==> flow/design.v <==
module core_multiplier_top_add_row #(parameter N = 4) (
    input wire [N-1:0] a,
    input wire sel,
    input wire [N-1:0] pin,
    output wire [N:0] pout
);
    assign pout = pin + (a & {N{sel}});
endmodule
module core_multiplier_top #(
    parameter WD = 20
) (
    input wire CLK,
    input wire RSTN,
    input wire ce,
    input wire [WD-1:0] A,
    input wire [WD-1:0] B,
    output wire [2*WD-1:0] result
);
    reg [WD-1:0] A_r;
    always @(posedge CLK) begin
        if (~RSTN) begin
            A_r <= 0;
        end else if (ce) begin
            A_r <= A;
        end
    end
    reg [WD-1:0] B_r;
    always @(posedge CLK) begin
        if (~RSTN) begin
            B_r <= 0;
        end else if (ce) begin
            B_r <= B;
        end
    end
    wire [WD:0] n_ [0:WD];
    wire [WD-1:0] lo;
    assign n_[0] = 0;
    genvar k;
    generate
        for (k = 0; k < WD; k = k + 1) begin : stage
            core_multiplier_top_add_row #(.N(WD)) unit (.a(A_r), .sel(B_r[k]), .pin(n_[k][WD:1]), .pout(n_[k+1]));
            assign lo[k] = n_[k+1][0];
        end
    endgenerate
    assign result = {n_[WD][WD:1], lo};
endmodule
* Step by step through the tools: core_multiplier_top
Tool output for the design above, in the order of the flow.
Line numbers count from 1 in the design file above.
Cell names lack the library's common part.
Not given: -
- Top module :: core_multiplier_top
- Clock port :: CLK
- Library :: sky130hd
- Corner :: tt_025C_1v80

* Word level
Yosys after proc, flatten, opt, wreduce and memory -nomap, before mapping. Enables and synchronous resets that opt folds into registers are not counted as muxes. Memory bits, and registers merged into a memory's read port (data or address), are not among the register bits. Print and check cells are not counted. Equal cells are merged and count once.
- Output and inout port bits :: 40
- Input port bits :: 43
- Register bits after elaboration :: 40
- Cells after elaboration :: 41
- $add $sub $neg :: 19
- Bitwise gates (word level) :: 20
** Operators with widths (count)
- 20-bit bitwise AND :: 20
- 20-bit by 21-bit adder with 21-bit output :: 18
- 19-bit by 21-bit adder with 21-bit output :: 1

* Longest topological paths
Longest topological path by Yosys (ltp), each cell counted once; first at word level (registers and memories cut), then after technology mapping (sequential cells cut; the memories' decode and read muxes count).
- Depth in word-level cells :: 20
- ABC_AREA :: 0
- Gate-level depth with buffers :: 114
- Gate-level depth less buffers :: 112

* Netlist
The flow's flattened synthesis, as Yosys stat reports it; memories are mapped. The netlist is that of the ABC_AREA named above (0 if unset); the other value can give another one.
- Chip area (Yosys) :: 20965.1 µm²
- Flip-flop cells :: 40
- Buffer cells :: 102
- Mapped cells :: 2886
- Area of sequential cells :: 800.8 µm²
** Cell types
- ha_1 :: count 379, area in all 4.74E+03 µm²
- and2_1 :: count 388, area in all 2.43E+03 µm²
- xnor2_1 :: count 235, area in all 2.06E+03 µm²
- a21oi_1 :: count 280, area in all 1.4E+03 µm²
- a21o_1 :: count 159, area in all 1.19E+03 µm²
- dfxtp_1 :: count 40, area in all 800.768 µm²
- xor2_1 :: count 77, area in all 674.397 µm²
- nor2_1 :: count 167, area in all 626.851 µm²
- nor2b_1 :: count 88, area in all 550.528 µm²
- inv_1 :: count 139, area in all 521.75 µm²
- nand2_1 :: count 127, area in all 476.707 µm²
- o21a_1 :: count 59, area in all 442.925 µm²
- mux2i_1 :: count 41, area in all 410.394 µm²
- o21ai_0 :: count 77, area in all 385.37 µm²
- fa_1 :: count 19, area in all 380.365 µm²
- clkbuf_1 :: count 98, area in all 367.853 µm²
- o21ai_1 :: count 68, area in all 340.326 µm²
- o21bai_1 :: count 37, area in all 277.766 µm²
Other cell types: 58; their cells: 408.
By module: a second synthesis without flattening, with its own total; a netlist apart from the flattened one above.
- Cell total of the unflattened synthesis :: 3870
- Area total of the unflattened synthesis :: 27111.0 µm²
Rows give one instance, submodules left out.
** Modules
- core_multiplier_top_add_row (N=20) :: seq. area 0.0 µm², area 1277.5 µm², cells 187, times used 20
- core_multiplier_top :: seq. area 800.8 µm², area 1561.5 µm², cells 130, times used 1

* Timing after synthesis
Path of least setup slack by OpenSTA after synthesis, without wires, with an ideal clock, recovery checks aside; 20% of the period is set as input and as output delay. Where synthesis merged equal registers, the netlist keeps one of their names.
- Path kind :: register to output
- Start :: reg A_r[1]
- End :: out result[38]
- External output delay :: 6300 ps
- Path delay :: 20169 ps
- Setup slack :: 5031 ps
- Arrival time :: 20169 ps
- Stages :: 108
- Clock period :: 31500 ps
- Required time :: 25200 ps
- Path buffers :: 3
- Time at the first pin :: 0 ps
- Synthesis period reached :: 26469 ps
"path delay" is the arrival time less input delay plus setup time.
A path that ends at an output port has no setup time.
"stages" counts driving pins, that of a launching flip-flop among them; a cell with two outputs on the path counts twice.
"synthesis period reached" = period - worst setup slack (recovery checks aside). The figure is calculated, with input and output delays left at 20% of the set period.
Between the ends stands the longest chain of elaborated cells between them, by number of cells; it is not shown to be the way that was timed. Of several equally long chains one is given.
Each line given opens the expression or statement behind the cell; cells for indexed reads and writes are added by Yosys, which also makes memories of some case tables.
- Cell sequence :: dfxtp_1 > clkbuf_1 > and2_1 > ha_1 > inv_1 > fa_1 > nor2b_1 > o2111ai_1 > nand2_1 > nor2_1 > xnor2_1 > ha_1 > nor2b_1 > a311o_1 > a21oi_1 > inv_1 > a21oi_1 > xnor2_1 > (+72 left out) > ha_1 > and3_1 > a311oi_1 > xnor2_1 > ha_1 > nand3_1 > nor2_1 > a31oi_1 > o21ai_1 > o21a_1 > o21a_1 > nor2_1 > xnor2_1 > ha_1 > a21o_1 > a21o_1 > a221oi_2 > xnor2_1
- Length of the longest elaborated chain :: 20
- Elaborated cells on any way between the ends :: 39
- Source lines of those cells :: 1
- Those cells by class :: 19 x add/sub; 20 x logic
** Ends and longest elaborated chain, post-synthesis
- start: declaration :: RTL line 19 : reg [WD-1:0] A_r;
- start: assignment :: RTL line 22 : A_r <= 0;
- start: assignment :: RTL line 24 : A_r <= A;
- 20-bit bitwise AND :: RTL line 7 : assign pout = pin + (a & {N{sel}});
- 19-bit by 21-bit adder with 21-bit output :: RTL line 7
- 20-bit by 21-bit adder with 21-bit output x18 :: RTL line 7
- end: declaration :: RTL line 17 : output wire [2*WD-1:0] result

* Worst path after layout
Path of least setup slack in the final report of run A (OpenROAD, finished layout, wires in). Where an end is a register, its clock arrival counts in the times.
The report prints the path's times to 10 ps; the period is as set.
- Path kind :: register to output
- Start :: reg A_r[0]
- End :: out result[38]
- Path buffers :: 2
- Arrival time :: 23540 ps
- Required time :: 25200 ps
- External output delay :: 6300 ps
- Setup slack :: 1660 ps
- Time at the first pin :: 300 ps
- Clock period :: 31500 ps
- Stages :: 108
Between the ends stands the longest chain of elaborated cells between them, by number of cells; it is not shown to be the way that was timed. Of several equally long chains one is given.
- Cell sequence :: dfxtp_1 > buf_4 > and2_1 > ha_1 > inv_1 > fa_1 > nor2b_1 > o2111ai_1 > nand2_1 > nor2_1 > xnor2_1 > ha_1 > nor2b_1 > a311o_1 > a21oi_1 > inv_1 > a21oi_1 > xnor2_1 > (+72 left out) > and3_1 > a311oi_2 > xnor2_1 > ha_1 > nand3_1 > nor2_1 > a31oi_1 > o21ai_1 > o21a_1 > o21a_1 > nor2_1 > xnor2_1 > ha_1 > a21o_1 > a21o_1 > a221oi_2 > xnor2_1 > clkdlybuf4s50_1
- Length of the longest elaborated chain :: 20
- Elaborated cells on any way between the ends :: 38
- Source lines of those cells :: 1
- Those cells by class :: 19 x add/sub; 19 x logic
** Ends and longest elaborated chain, after layout
- start: declaration :: RTL line 19 : reg [WD-1:0] A_r;
- start: assignment :: RTL line 22 : A_r <= 0;
- start: assignment :: RTL line 24 : A_r <= A;
- 20-bit bitwise AND :: RTL line 7 : assign pout = pin + (a & {N{sel}});
- 19-bit by 21-bit adder with 21-bit output :: RTL line 7
- 20-bit by 21-bit adder with 21-bit output x18 :: RTL line 7
- end: declaration :: RTL line 17 : output wire [2*WD-1:0] result

Lab notebook: core_multiplier_top

Record of 2 stored runs of the RTL-to-layout flow on core_multiplier_top, platform sky130hd. The runs are unordered. Constraints: input delay and output delay 20% of the set period each, output load 0.01 pF.
"clock period achieved" = clock period - worst setup slack. The figure is calculated, with input and output delays left at 20% of the set period.
"time of the worst setup path": the worst setup path's part of the clock period (all of it between registers, 20% less for each end at a port) less its slack. A launch clock that arrives late makes it longer, a capture clock that arrives late makes it shorter.
"power" rests on the timing tool's default activity at the inputs, not on a simulated workload.
"time of the worst setup path" is given in steps of 10 ps.

** Run A
- Settings :: period_ns=31.5; CAP_MARGIN=20; CORE_MARGIN=2; CORE_UTILIZATION=40; SLEW_MARGIN=20
- Chip area after synthesis (Yosys) :: 20965.1 µm²
- Area of the die :: 54261.0 µm²
- Std-cell area (final layout) :: 22634.2 µm²
- Utilization :: 43.9%
- Setup slack of the worst path :: 1661 ps
- Total negative setup slack :: 0 ps
- Lowest hold slack :: 676 ps
- Power :: 0.5180 mW
- Clock period achieved :: 29839 ps
- Time of the worst setup path :: 23540 ps
- Kind of the worst setup path :: register to output

** Run B
- Settings :: period_ns=26.9; CORE_UTILIZATION=62; SETUP_SLACK_MARGIN=1.63; PLACE_DENSITY=0.66; CELL_PAD_IN_SITES_DETAIL_PLACEMENT=2; ABC_AREA=0; GPL_ROUTABILITY_DRIVEN=1; CTS_CLUSTER_DIAMETER=291; MIN_ROUTING_LAYER=met2; MAX_ROUTING_LAYER=met5; CAP_MARGIN=20; CORE_MARGIN=2; SLEW_MARGIN=20
- Outcome :: did not finish, placement stopped with DPL-0033
